==> flow/design.v <==
module dp_mult_p #(
   parameter int W = 6
) (
   input logic sys_clk,
   input logic rst_n,
   input logic [W-1:0] arg0,
   input logic [W-1:0] arg1,
   output logic [2*W-1:0] out
);
   logic [W-1:0] arg0_s;
   logic [W-1:0] arg1_s;
   always_ff @(posedge sys_clk or negedge rst_n) begin
      if (~rst_n) begin
         arg0_s <= 0;
         arg1_s <= 0;
      end else begin
         arg0_s <= arg0;
         arg1_s <= arg1;
      end
   end
   wire [2*W-1:0] tree [0:W];
   assign tree[0] = 0;
   for (genvar gi = 0; gi < W; gi++) begin : slice
      assign tree[gi+1] = tree[gi] + (arg1_s[gi] ? {{W{1'b0}}, arg0_s} << gi : {2*W{1'b0}});
   end
   logic [2*W-1:0] out_s;
   always_ff @(posedge sys_clk or negedge rst_n) begin
      if (~rst_n) begin
         out_s <= 0;
      end else begin
         out_s <= tree[W];
      end
   end
   assign out = out_s;
endmodule
Appendix: tool output

From RTL to reports: dp_mult_p
Tool output for the members of one design family, told apart by "W", in the order of the flow. The RTL above is that of W = 6; lines are counted from 1 in the file of the member named. Not given: n/a

Top: dp_mult_p. Clock port: sys_clk. Library: sky130hd. Library corner: tt_025C_1v80.

Source of the members
Lines of each other member's file that are new or changed against the file above; lines that a member lacks are not shown.

New or changed lines: W 11 (line 2) `parameter int W = 11`; W 14 (line 2) `parameter int W = 14`; W 20 (line 2) `parameter int W = 20`.

Word level
Source: Yosys, flattened and elaborated, memories not mapped. Widths are those after wreduce; folded enables and synchronous resets count as part of the registers. Registers that Yosys merges into a memory's read port (data or address) are not register bits. Print and check cells do not count. Equal cells are merged and count once.

Cells by class: W 6 (add/sub/neg operators 5, muxes and demuxes 6); W 11 (add/sub/neg operators 10, muxes and demuxes 11); W 14 (add/sub/neg operators 13, muxes and demuxes 14); W 20 (add/sub/neg operators 19, muxes and demuxes 20).

Operator list (kinds with counts): W 6 (adder 11 x 11 -> 12 bit (1); adder 10 x 10 -> 11 bit (1); 2-to-1 mux 11 bit (1); adder 9 x 9 -> 10 bit (1); 2-to-1 mux 10 bit (1); adder 8 x 8 -> 9 bit (1); 2-to-1 mux 9 bit (1); adder 6 x 7 -> 8 bit (1); 2-to-1 mux 8 bit (1); 2-to-1 mux 7 bit (1); 2-to-1 mux 6 bit (1)); W 11 (adder 21 x 21 -> 22 bit (1); adder 20 x 20 -> 21 bit (1); 2-to-1 mux 21 bit (1); adder 19 x 19 -> 20 bit (1); 2-to-1 mux 20 bit (1); adder 18 x 18 -> 19 bit (1); 2-to-1 mux 19 bit (1); adder 17 x 17 -> 18 bit (1); 2-to-1 mux 18 bit (1); adder 16 x 16 -> 17 bit (1); 2-to-1 mux 17 bit (1); adder 15 x 15 -> 16 bit (1); 2-to-1 mux 16 bit (1); adder 14 x 14 -> 15 bit (1); 2-to-1 mux 15 bit (1); adder 13 x 13 -> 14 bit (1); 2-to-1 mux 14 bit (1); adder 11 x 12 -> 13 bit (1); 2-to-1 mux 13 bit (1); 2-to-1 mux 12 bit (1); 2-to-1 mux 11 bit (1)); W 14 (adder 27 x 27 -> 28 bit (1); adder 26 x 26 -> 27 bit (1); 2-to-1 mux 27 bit (1); adder 25 x 25 -> 26 bit (1); 2-to-1 mux 26 bit (1); adder 24 x 24 -> 25 bit (1); 2-to-1 mux 25 bit (1); adder 23 x 23 -> 24 bit (1); 2-to-1 mux 24 bit (1); adder 22 x 22 -> 23 bit (1); 2-to-1 mux 23 bit (1); adder 21 x 21 -> 22 bit (1); 2-to-1 mux 22 bit (1); adder 20 x 20 -> 21 bit (1); 2-to-1 mux 21 bit (1); adder 19 x 19 -> 20 bit (1); 2-to-1 mux 20 bit (1); adder 18 x 18 -> 19 bit (1); 2-to-1 mux 19 bit (1); adder 17 x 17 -> 18 bit (1); 2-to-1 mux 18 bit (1); adder 16 x 16 -> 17 bit (1); 2-to-1 mux 17 bit (1); adder 14 x 15 -> 16 bit (1); 2-to-1 mux 16 bit (1); 2-to-1 mux 15 bit (1); 2-to-1 mux 14 bit (1)); W 20 (adder 39 x 39 -> 40 bit (1); adder 38 x 38 -> 39 bit (1); 2-to-1 mux 39 bit (1); adder 37 x 37 -> 38 bit (1); 2-to-1 mux 38 bit (1); adder 36 x 36 -> 37 bit (1); 2-to-1 mux 37 bit (1); adder 35 x 35 -> 36 bit (1); 2-to-1 mux 36 bit (1); adder 34 x 34 -> 35 bit (1); 2-to-1 mux 35 bit (1); adder 33 x 33 -> 34 bit (1); 2-to-1 mux 34 bit (1); adder 32 x 32 -> 33 bit (1); 2-to-1 mux 33 bit (1); adder 31 x 31 -> 32 bit (1); 2-to-1 mux 32 bit (1); adder 30 x 30 -> 31 bit (1); 2-to-1 mux 31 bit (1); adder 29 x 29 -> 30 bit (1); 2-to-1 mux 30 bit (1); adder 28 x 28 -> 29 bit (1); 2-to-1 mux 29 bit (1); adder 27 x 27 -> 28 bit (1); 2-to-1 mux 28 bit (1); adder 26 x 26 -> 27 bit (1); 2-to-1 mux 27 bit (1); adder 25 x 25 -> 26 bit (1); (+11)).

The mark (+n) counts cells that are not listed.

Storage and ports: W 6 (register bits 24, input bits 14); W 11 (register bits 44, input bits 24); W 14 (register bits 56, input bits 30); W 20 (register bits 80, input bits 42).

Longest topological paths
Depth = most cells in a row (Yosys ltp): at word level without a register or memory, in the mapped netlist without a sequential cell, where the memories' decode and read muxes count.

Logic depth: W 6 (depth after elaboration 6, ABC_AREA 0, depth in mapped cells 14, mapped depth without buffers 14); W 11 (depth after elaboration 11, ABC_AREA 0, depth in mapped cells 18, mapped depth without buffers 17); W 14 (depth after elaboration 14, ABC_AREA 0, depth in mapped cells 21, mapped depth without buffers 20); W 20 (depth after elaboration 20, ABC_AREA 0, depth in mapped cells 24, mapped depth without buffers 22).

After synthesis
Yosys stat after the flow's synthesis: flattened, memories mapped to cells. It holds for the ABC_AREA given above (unset counts as 0); a run with the other value may have another netlist. Totals and module areas in this step are rounded.

Cell types (types with counts): W 6 (sky130_fd_sc_hd__dfrtp_1 (24); sky130_fd_sc_hd__fa_1 (18); sky130_fd_sc_hd__ha_1 (18); sky130_fd_sc_hd__and2_1 (26); sky130_fd_sc_hd__inv_1 (23); sky130_fd_sc_hd__nand2_1 (12); sky130_fd_sc_hd__xnor2_1 (4); sky130_fd_sc_hd__nor2b_1 (4); sky130_fd_sc_hd__nor2_1 (5); sky130_fd_sc_hd__nor2b_4 (1); sky130_fd_sc_hd__a21boi_2 (1); sky130_fd_sc_hd__a21oi_1 (2); sky130_fd_sc_hd__or4b_1 (1); sky130_fd_sc_hd__a221oi_1 (1); sky130_fd_sc_hd__o21ai_2 (1); sky130_fd_sc_hd__a21boi_1 (1); sky130_fd_sc_hd__nand3b_1 (1); sky130_fd_sc_hd__o22ai_1 (1); (+2)); W 11 (sky130_fd_sc_hd__fa_1 (83); sky130_fd_sc_hd__dfrtp_1 (44); sky130_fd_sc_hd__ha_1 (53); sky130_fd_sc_hd__and2_1 (58); sky130_fd_sc_hd__inv_1 (83); sky130_fd_sc_hd__nand2_1 (68); sky130_fd_sc_hd__xnor2_1 (11); sky130_fd_sc_hd__clkbuf_1 (22); sky130_fd_sc_hd__a21o_1 (9); sky130_fd_sc_hd__a21oi_1 (9); sky130_fd_sc_hd__a31oi_1 (6); sky130_fd_sc_hd__xor2_1 (3); sky130_fd_sc_hd__nor2_1 (5); sky130_fd_sc_hd__and4_1 (2); sky130_fd_sc_hd__a221oi_2 (1); sky130_fd_sc_hd__a311oi_2 (1); sky130_fd_sc_hd__o211ai_1 (2); sky130_fd_sc_hd__o21ai_0 (3); (+13)); W 14 (sky130_fd_sc_hd__fa_1 (146); sky130_fd_sc_hd__dfrtp_1 (56); sky130_fd_sc_hd__ha_1 (85); sky130_fd_sc_hd__and2_1 (91); sky130_fd_sc_hd__nand2_1 (124); sky130_fd_sc_hd__inv_1 (115); sky130_fd_sc_hd__clkbuf_1 (29); sky130_fd_sc_hd__a21oi_1 (21); sky130_fd_sc_hd__xnor2_1 (10); sky130_fd_sc_hd__xor2_1 (10); sky130_fd_sc_hd__o21ai_0 (13); sky130_fd_sc_hd__nor2_1 (10); sky130_fd_sc_hd__nand2b_1 (4); sky130_fd_sc_hd__nand3_1 (5); sky130_fd_sc_hd__o211ai_2 (2); sky130_fd_sc_hd__nand4_1 (3); sky130_fd_sc_hd__a211o_1 (2); sky130_fd_sc_hd__a21o_2 (2); (+24)); W 20 (sky130_fd_sc_hd__fa_1 (326); sky130_fd_sc_hd__dfrtp_1 (80); sky130_fd_sc_hd__ha_1 (143); sky130_fd_sc_hd__inv_1 (306); sky130_fd_sc_hd__nand2_1 (259); sky130_fd_sc_hd__and2_1 (153); sky130_fd_sc_hd__clkbuf_1 (82); sky130_fd_sc_hd__xnor2_1 (20); sky130_fd_sc_hd__a21o_1 (22); sky130_fd_sc_hd__xor2_1 (13); sky130_fd_sc_hd__a21oi_1 (17); sky130_fd_sc_hd__o21ai_0 (11); sky130_fd_sc_hd__a31oi_1 (6); sky130_fd_sc_hd__nor2_1 (10); sky130_fd_sc_hd__o21a_1 (5); sky130_fd_sc_hd__a21o_2 (4); sky130_fd_sc_hd__a221oi_2 (2); sky130_fd_sc_hd__a211o_1 (3); (+40)).

The mark (+n) counts cells that are not listed.

Mapped netlist: W 6 (sequential part of the area 601 µm², chip area (Yosys) 1650 µm², mapped flip-flops 24, mapped cells 146); W 11 (sequential part of the area 1100 µm², chip area (Yosys) 4910 µm², mapped flip-flops 44, mapped cells 476); W 14 (sequential part of the area 1400 µm², chip area (Yosys) 7670 µm², mapped flip-flops 56, mapped cells 752); W 20 (sequential part of the area 2000 µm², chip area (Yosys) 14800 µm², mapped flip-flops 80, mapped cells 1502).

Path before layout
Path of least setup slack by OpenSTA after synthesis, without wires, with an ideal clock, recovery checks aside; 20% of the period is set as input and as output delay. Where synthesis merged equal registers, the netlist keeps one of their names.

Timing post-synthesis: W 6 (path type flip-flop to flip-flop, start point register arg0_s[4], end point register out_s[10], slack 0.870 ns, stages 13, path delay 3.461 ns, clock period 4.33 ns, synthesis period reached 3.46 ns); W 11 (path type flip-flop to flip-flop, start point register arg0_s[8], end point register out_s[19], slack 1.221 ns, stages 17, path delay 4.869 ns, clock period 6.09 ns, synthesis period reached 4.869 ns); W 14 (path type flip-flop to flip-flop, start point register arg0_s[11], end point register out_s[26], slack 1.314 ns, stages 19, path delay 5.276 ns, clock period 6.59 ns, synthesis period reached 5.276 ns); W 20 (path type flip-flop to flip-flop, start point register arg0_s[14], end point register out_s[37], slack 1.553 ns, stages 24, path delay 6.208 ns, clock period 7.76 ns, synthesis period reached 6.207 ns).

"path delay" is the arrival time less input delay plus setup time. "stages" counts driving pins, that of a launching flip-flop among them; a cell with two outputs on the path counts twice. "synthesis period reached" = period - worst setup slack (recovery checks aside). The figure is calculated, with input and output delays left at 20% of the set period. The rows between start and end are the longest chain of elaborated cells between them; the timing report does not say that the signal goes this way. Where chains are equally long, one stands for them. Each line given opens the expression or statement behind the cell; cells for indexed reads and writes are added by Yosys, which also makes memories of some case tables.

On the way, post-synthesis, W = 6:
Under length of the longest elaborated chain stands 6.

Ends and longest elaborated chain, post-synthesis, W = 6: start: declaration (line 10) `logic [W-1:0] arg0_s;`; start: assignment (line 14) `arg0_s <= 0;`; start: assignment (line 17) `arg0_s <= arg0;`; 2-to-1 mux 6 bit (line 24) `assign tree[gi+1] = tree[gi] + (arg1_s[gi] ? {{W{1'b0}}, arg0_s} << gi : {2*W{1'b0}});`; adder 6 x 7 -> 8 bit (line 24); adder 8 x 8 -> 9 bit (line 24); adder 9 x 9 -> 10 bit (line 24); adder 10 x 10 -> 11 bit (line 24); adder 11 x 11 -> 12 bit (line 24); end: assignment (line 29) `out_s <= 0;`; end: assignment (line 31) `out_s <= tree[W];`; end: declaration (line 26) `logic [2*W-1:0] out_s;`.

On the way, post-synthesis, W = 20:
Under length of the longest elaborated chain stands 20.

Ends and longest elaborated chain, post-synthesis, W = 20: start: declaration (line 10) `logic [W-1:0] arg0_s;`; start: assignment (line 14) `arg0_s <= 0;`; start: assignment (line 17) `arg0_s <= arg0;`; 2-to-1 mux 20 bit (line 24) `assign tree[gi+1] = tree[gi] + (arg1_s[gi] ? {{W{1'b0}}, arg0_s} << gi : {2*W{1'b0}});`; adder 20 x 21 -> 22 bit (line 24); adder 22 x 22 -> 23 bit (line 24); adder 23 x 23 -> 24 bit (line 24); adder 24 x 24 -> 25 bit (line 24); adder 25 x 25 -> 26 bit (line 24); adder 26 x 26 -> 27 bit (line 24); (+6 left out); adder 33 x 33 -> 34 bit (line 24); adder 34 x 34 -> 35 bit (line 24); adder 35 x 35 -> 36 bit (line 24); adder 36 x 36 -> 37 bit (line 24); adder 37 x 37 -> 38 bit (line 24); adder 38 x 38 -> 39 bit (line 24); adder 39 x 39 -> 40 bit (line 24); end: assignment (line 29) `out_s <= 0;`; end: assignment (line 31) `out_s <= tree[W];`; end: declaration (line 26) `logic [2*W-1:0] out_s;`.

Timing after layout
From the final timing report of the run of each member: the path of least setup slack in the routed layout; clock arrival at registers is part of the times.

Timing after layout: W 6 (path type flip-flop to flip-flop, start point register arg0_s[4], end point register out_s[10], stages 13, clock period 4.33 ns, slack 0.74 ns, arrival 3.80 ns, buffers on the path 0); W 11 (path type flip-flop to flip-flop, start point register arg1_s[6], end point register out_s[15], stages 16, clock period 6.09 ns, slack 0.99 ns, arrival 5.32 ns, buffers on the path 0); W 14 (path type flip-flop to flip-flop, start point register arg0_s[11], end point register out_s[26], stages 18, clock period 6.59 ns, slack 0.85 ns, arrival 5.93 ns, buffers on the path 0); W 20 (path type flip-flop to flip-flop, start point register arg0_s[5], end point register out_s[38], stages 21, clock period 7.76 ns, slack 0.39 ns, arrival 7.67 ns, buffers on the path 1).

Flow runs
One run of the flow (Yosys, OpenROAD) for each member, with settings and measured results. Input and output delays are each 20% of the period that was set; the output load is 0.01 pF.

For CAP_MARGIN the number is 20. The entry for CORE_MARGIN reads 2. The figure for CORE_UTILIZATION is 40. The entry for SLEW_MARGIN reads 20.

Settings that differ (period_ns): W 6 (4.33); W 11 (6.09); W 14 (6.59); W 20 (7.76).

Measured results: W 6 (utilization in the final report 50.8%, standard-cell area after routing 2030 µm², achieved period 3.590 ns, worst slack on setup checks 0.740 ns, netlist area reported by Yosys 1650 µm², die footprint 4670 µm², sum of negative setup slack 0.000 ns); W 11 (utilization in the final report 46.8%, standard-cell area after routing 5620 µm², achieved period 5.099 ns, worst slack on setup checks 0.991 ns, netlist area reported by Yosys 4910 µm², die footprint 13200 µm², sum of negative setup slack 0.000 ns); W 14 (utilization in the final report 45.6%, standard-cell area after routing 8550 µm², achieved period 5.743 ns, worst slack on setup checks 0.847 ns, netlist area reported by Yosys 7670 µm², die footprint 20300 µm², sum of negative setup slack 0.000 ns); W 20 (utilization in the final report 44.9%, standard-cell area after routing 16400 µm², achieved period 7.371 ns, worst slack on setup checks 0.389 ns, netlist area reported by Yosys 14800 µm², die footprint 38600 µm², sum of negative setup slack 0.000 ns).

By "achieved period" is meant the clock period of the run minus its worst setup slack. This is arithmetic on one report: input and output delays are still those of the set period (20% each). The measured numbers are rounded.
